==> flow/design.v <==
module alu_mux_top #(
  parameter integer DW = 12,
  parameter integer N = 6,
  parameter integer SW = $clog2(N)
) (
  input  logic aclk,
  input  logic enable,
  input  logic [N*DW-1:0] ch_i,
  input  logic [SW-1:0] s_i,
  output logic [DW-1:0] z_o_o
);
  wire [DW-1:0] arr [0:N-1];
  generate
    for (genvar g = 0; g < N; g++) begin : gen
      assign arr[g] = ch_i[g*DW +: DW];
    end
  endgenerate
  always_ff @(posedge aclk) begin
    if (enable) begin
      z_o_o <= arr[s_i];
    end
  end
endmodule
# --- From RTL to reports: alu_mux_top ---
# Tool output for the members of one design family, told apart by "N", in the order of the flow.
# The RTL above is that of N=6; lines are counted from 1 in the file of the member named.
# Operators carry their Yosys type and port widths (W data, S select, Z words).
# Library cell names are shortened.
design:
  top_module: "alu_mux_top"
  clk_port: "aclk"
  library: "sky130hd"
  pvt_corner: "tt_025C_1v80"

# --- Members of the sweep ---
# Lines of each other member's file that are new or changed against the file above; lines that a member lacks are not shown.
src_changes:
  columns: ["N", "line_no", "source"]
  rows:
  - [12, 3, "parameter integer N = 12,"]
  - [16, 3, "parameter integer N = 16,"]
  - [20, 3, "parameter integer N = 20,"]

# --- Elaborated design ---
# Counts by Yosys on the flattened word-level netlist (proc, flatten, opt, wreduce; memories kept). Register bits leave out memories and registers merged into their read ports (data or address). Print and check cells are left out. Cells with the same type and inputs are merged into one.
word_totals:
  columns: ["N", "register_bits", "inputBits", "output_inout_bits", "elab_cells"]
  rows:
  - [6, 12, 77, 12, 8]
  - [12, 12, 150, 12, 14]
  - [16, 12, 198, 12, 18]
  - [20, 12, 247, 12, 22]
op_classes:
  columns: ["N", "eq_ne", "mux", "reduce_and_logical"]
  rows:
  - [6, 5, 1, 1]
  - [12, 11, 1, 1]
  - [16, 15, 1, 1]
  - [20, 19, 1, 1]
op_table:
  columns: ["N", "op_list"]
  rows:
  - [6, "$pmux W12 S6: 1; $eq A3 B2 Y1 const B: 2; $eq A3 B3 Y1 const B: 2; $eq A3 B1 Y1 const B: 1; $logic_not A3 Y1: 1"]
  - [12, "$pmux W12 S12: 1; $eq A4 B3 Y1 const B: 4; $eq A4 B4 Y1 const B: 4; $eq A4 B2 Y1 const B: 2; $eq A4 B1 Y1 const B: 1; $logic_not A4 Y1: 1"]
  - [16, "$pmux W12 S16: 1; $eq A4 B4 Y1 const B: 8; $eq A4 B3 Y1 const B: 4; $eq A4 B2 Y1 const B: 2; $eq A4 B1 Y1 const B: 1; $logic_not A4 Y1: 1"]
  - [20, "$pmux W12 S20: 1; $eq A5 B4 Y1 const B: 8; $eq A5 B3 Y1 const B: 4; $eq A5 B5 Y1 const B: 4; $eq A5 B2 Y1 const B: 2; $eq A5 B1 Y1 const B: 1; $logic_not A5 Y1: 1"]

# --- Longest topological paths ---
# Yosys ltp: most cells in a row. Word level: on the elaborated netlist, between registers, memories and ports. Mapped: between sequential cells and ports; inverters and the memories' decode and read muxes count.
depth:
  columns: ["N", "ltp_word", "abc_area", "mapped_depth", "mapped_depth_nobuf"]
  rows:
  - [6, 2, 0, 6, 4]
  - [12, 2, 0, 8, 6]
  - [16, 2, 0, 7, 4]
  - [20, 2, 0, 8, 5]

# --- Synthesis result ---
# The flow's flattened synthesis, as Yosys stat reports it; memories are mapped. The netlist is that of the ABC_AREA named above (0 if unset); the other value can give another one.
by_type:
  columns: ["N", "cell_types"]
  rows:
  - [6, "edfxtp_1: 12; a21oi_1: 13; a21o_1: 8; mux2_2: 5; nor2_1: 12; nor2b_1: 6; nor3b_1: 5; a32oi_1: 4; o2bb2ai_1: 4; a31oi_1: 5; a222oi_1: 3; o21bai_1: 4; o21ai_0: 5; a22oi_1: 3; buf_4: 3; o21a_1: 3; or2b_1: 3; buf_2: 4; [+17]"]
  - [12, "edfxtp_1: 12; mux2i_1: 19; a22oi_1: 14; nand2_1: 23; a31oi_1: 11; buf_2: 13; o22ai_1: 10; buf_6: 5; nor2_1: 15; nand3_1: 11; a22o_1: 6; o21ai_0: 9; a211oi_1: 5; ha_1: 3; o221ai_1: 4; a21oi_1: 6; buf_4: 4; o32a_1: 3; [+46]"]
  - [16, "edfxtp_1: 12; mux2i_1: 20; a221o_1: 16; a21oi_1: 30; a22o_1: 11; nor2b_1: 15; buf_2: 17; nor2_1: 22; a31oi_1: 13; a2bb2oi_1: 9; a22oi_1: 10; nand3b_1: 9; o22ai_1: 10; a211oi_1: 8; mux2_2: 5; inv_1: 13; buf_4: 6; buf_6: 4; [+52]"]
  - [20, "edfxtp_1: 12; mux2i_1: 17; a32oi_1: 19; a22oi_1: 20; mux2_2: 10; a31oi_1: 16; a21oi_1: 17; buf_2: 17; nor2_1: 22; a221oi_1: 8; a22o_1: 8; nand3_1: 14; o32a_1: 7; and3_1: 11; nand2_1: 16; nor3_1: 12; buf_4: 6; nand4_1: 7; [+96]"]
# The mark [+n] counts cells that are not listed.
mapped:
  columns: ["N", "cell_count", "area_um2", "sequential_area_um2", "ffs", "buffers"]
  rows:
  - [6, 119, 1053.5, 360.3, 12, 9]
  - [12, 219, 1759.2, 360.3, 12, 24]
  - [16, 282, 2218.4, 360.3, 12, 30]
  - [20, 335, 2572.5, 360.3, 12, 36]

# --- Path before layout ---
# Path of least setup slack by OpenSTA after synthesis, without wires, with an ideal clock, recovery checks aside; 20% of the period is set as input and as output delay. Where synthesis merged equal registers, the netlist keeps one of their names.
synth_path:
  columns: ["N", "path_type", "startpoint", "endpoint", "clock_period_ns", "path_slack_ns", "path_stages", "path_delay_ns", "synth_period_reached_ns"]
  rows:
  - [6, "input to register", "input s_i[1]", "register z_o_o[11]", 1.55, 0.247, 5, 0.992, 1.303]
  - [12, "input to register", "input s_i[2]", "register z_o_o[5]", 2.24, 0.361, 8, 1.431, 1.879]
  - [16, "input to register", "input s_i[1]", "register z_o_o[10]", 1.98, 0.317, 6, 1.268, 1.663]
  - [20, "input to register", "input s_i[2]", "register z_o_o[10]", 2.41, 0.387, 7, 1.541, 2.023]
# "path_delay_ns" = arrival - input delay + setup time.
# "path_stages" counts driving pins, that of a launching flip-flop among them; a cell with two outputs on the path counts twice.
# "synth_period_reached_ns" is the clock period less the worst setup slack; recovery checks do not enter. This is arithmetic on one report: input and output delays are still those of the set period (20% each).
# The rows between start and end are the longest chain of elaborated cells between them; the timing report does not say that the signal goes this way. Where chains are equally long, one stands for them.
# Each line given opens the expression or statement behind the cell; cells for indexed reads and writes are added by Yosys, which also makes memories of some case tables.
synth_between_N_6:
  elab_chain_len: 2
synth_rtl_N_6:
  columns: ["element", "line_no", "source"]
  rows:
  - ["start, declared", 9, "input  logic [SW-1:0] s_i,"]
  - ["$eq A3 B3 Y1", 20, "z_o_o <= arr[s_i];"]
  - ["$pmux W12 S6", 20, null]
  - ["end, assigned", 20, null]
  - ["end, declared", 10, "output logic [DW-1:0] z_o_o"]
synth_between_N_20:
  elab_chain_len: 2
synth_rtl_N_20:
  columns: ["element", "line_no", "source"]
  rows:
  - ["start, declared", 9, "input  logic [SW-1:0] s_i,"]
  - ["$eq A5 B5 Y1", 20, "z_o_o <= arr[s_i];"]
  - ["$pmux W12 S20", 20, null]
  - ["end, assigned", 20, null]
  - ["end, declared", 10, "output logic [DW-1:0] z_o_o"]

# --- Timing after layout ---
# From the final timing report of each member's run: the path of least setup slack in the routed layout; clock arrival at registers is part of the times.
layout_path:
  columns: ["N", "path_type", "startpoint", "endpoint", "clock_period_ns", "path_slack_ns", "path_stages", "arrival_ns"]
  rows:
  - [6, "input to register", "input ch_i[30]", "register z_o_o[6]", 1.55, 0.05, 5, 1.54]
  - [12, "input to register", "input s_i[3]", "register z_o_o[3]", 2.24, 0.06, 9, 2.15]
  - [16, "input to register", "input s_i[1]", "register z_o_o[1]", 1.98, 0.18, 7, 1.86]
  - [20, "input to register", "input s_i[1]", "register z_o_o[9]", 2.41, -0.17, 8, 2.53]

# --- Measured runs ---
# One run of the flow (Yosys, OpenROAD) for each member, with settings and measured results. Input and output delays are each 20% of the period that was set; the output load is 0.01 pF.
flow_settings:
  CAP_MARGIN: 20
  CORE_MARGIN: 2
  CORE_UTILIZATION: 40
  SLEW_MARGIN: 20
settings_diff:
  columns: ["N", "period_ns"]
  rows:
  - [6, 1.55]
  - [12, 2.24]
  - [16, 1.98]
  - [20, 2.41]
results:
  columns: ["N", "yosys.chip_area_um2", "final_die_area_um2", "finalCellArea_um2", "finish.utilization_pct", "ws_setup_ns", "setup_tns_ns", "ws_hold_ns", "power.total_mw", "clock_period_reached_ns"]
  rows:
  - [6, 1053.5, 3060.3, 2049.5, 82.7, 0.053, 0.000, 0.704, 1.121, 1.497]
  - [12, 1759.2, 4944.2, 3560.9, 82.9, 0.064, 0.000, 0.840, 1.153, 2.176]
  - [16, 2218.4, 6157.5, 4654.5, 85.6, 0.178, 0.000, 0.808, 1.524, 1.802]
  - [20, 2572.5, 7088.8, 5811.8, 92.6, -0.168, -0.223, 0.945, 1.522, 2.578]
# "clock_period_reached_ns": clock period set for the run, less the worst setup slack. It is reckoned from that one timing run; input and output delays stay at 20% of the period that was set.
# "power.total_mw": no workload was simulated; the value follows from the tool's default switching activity.
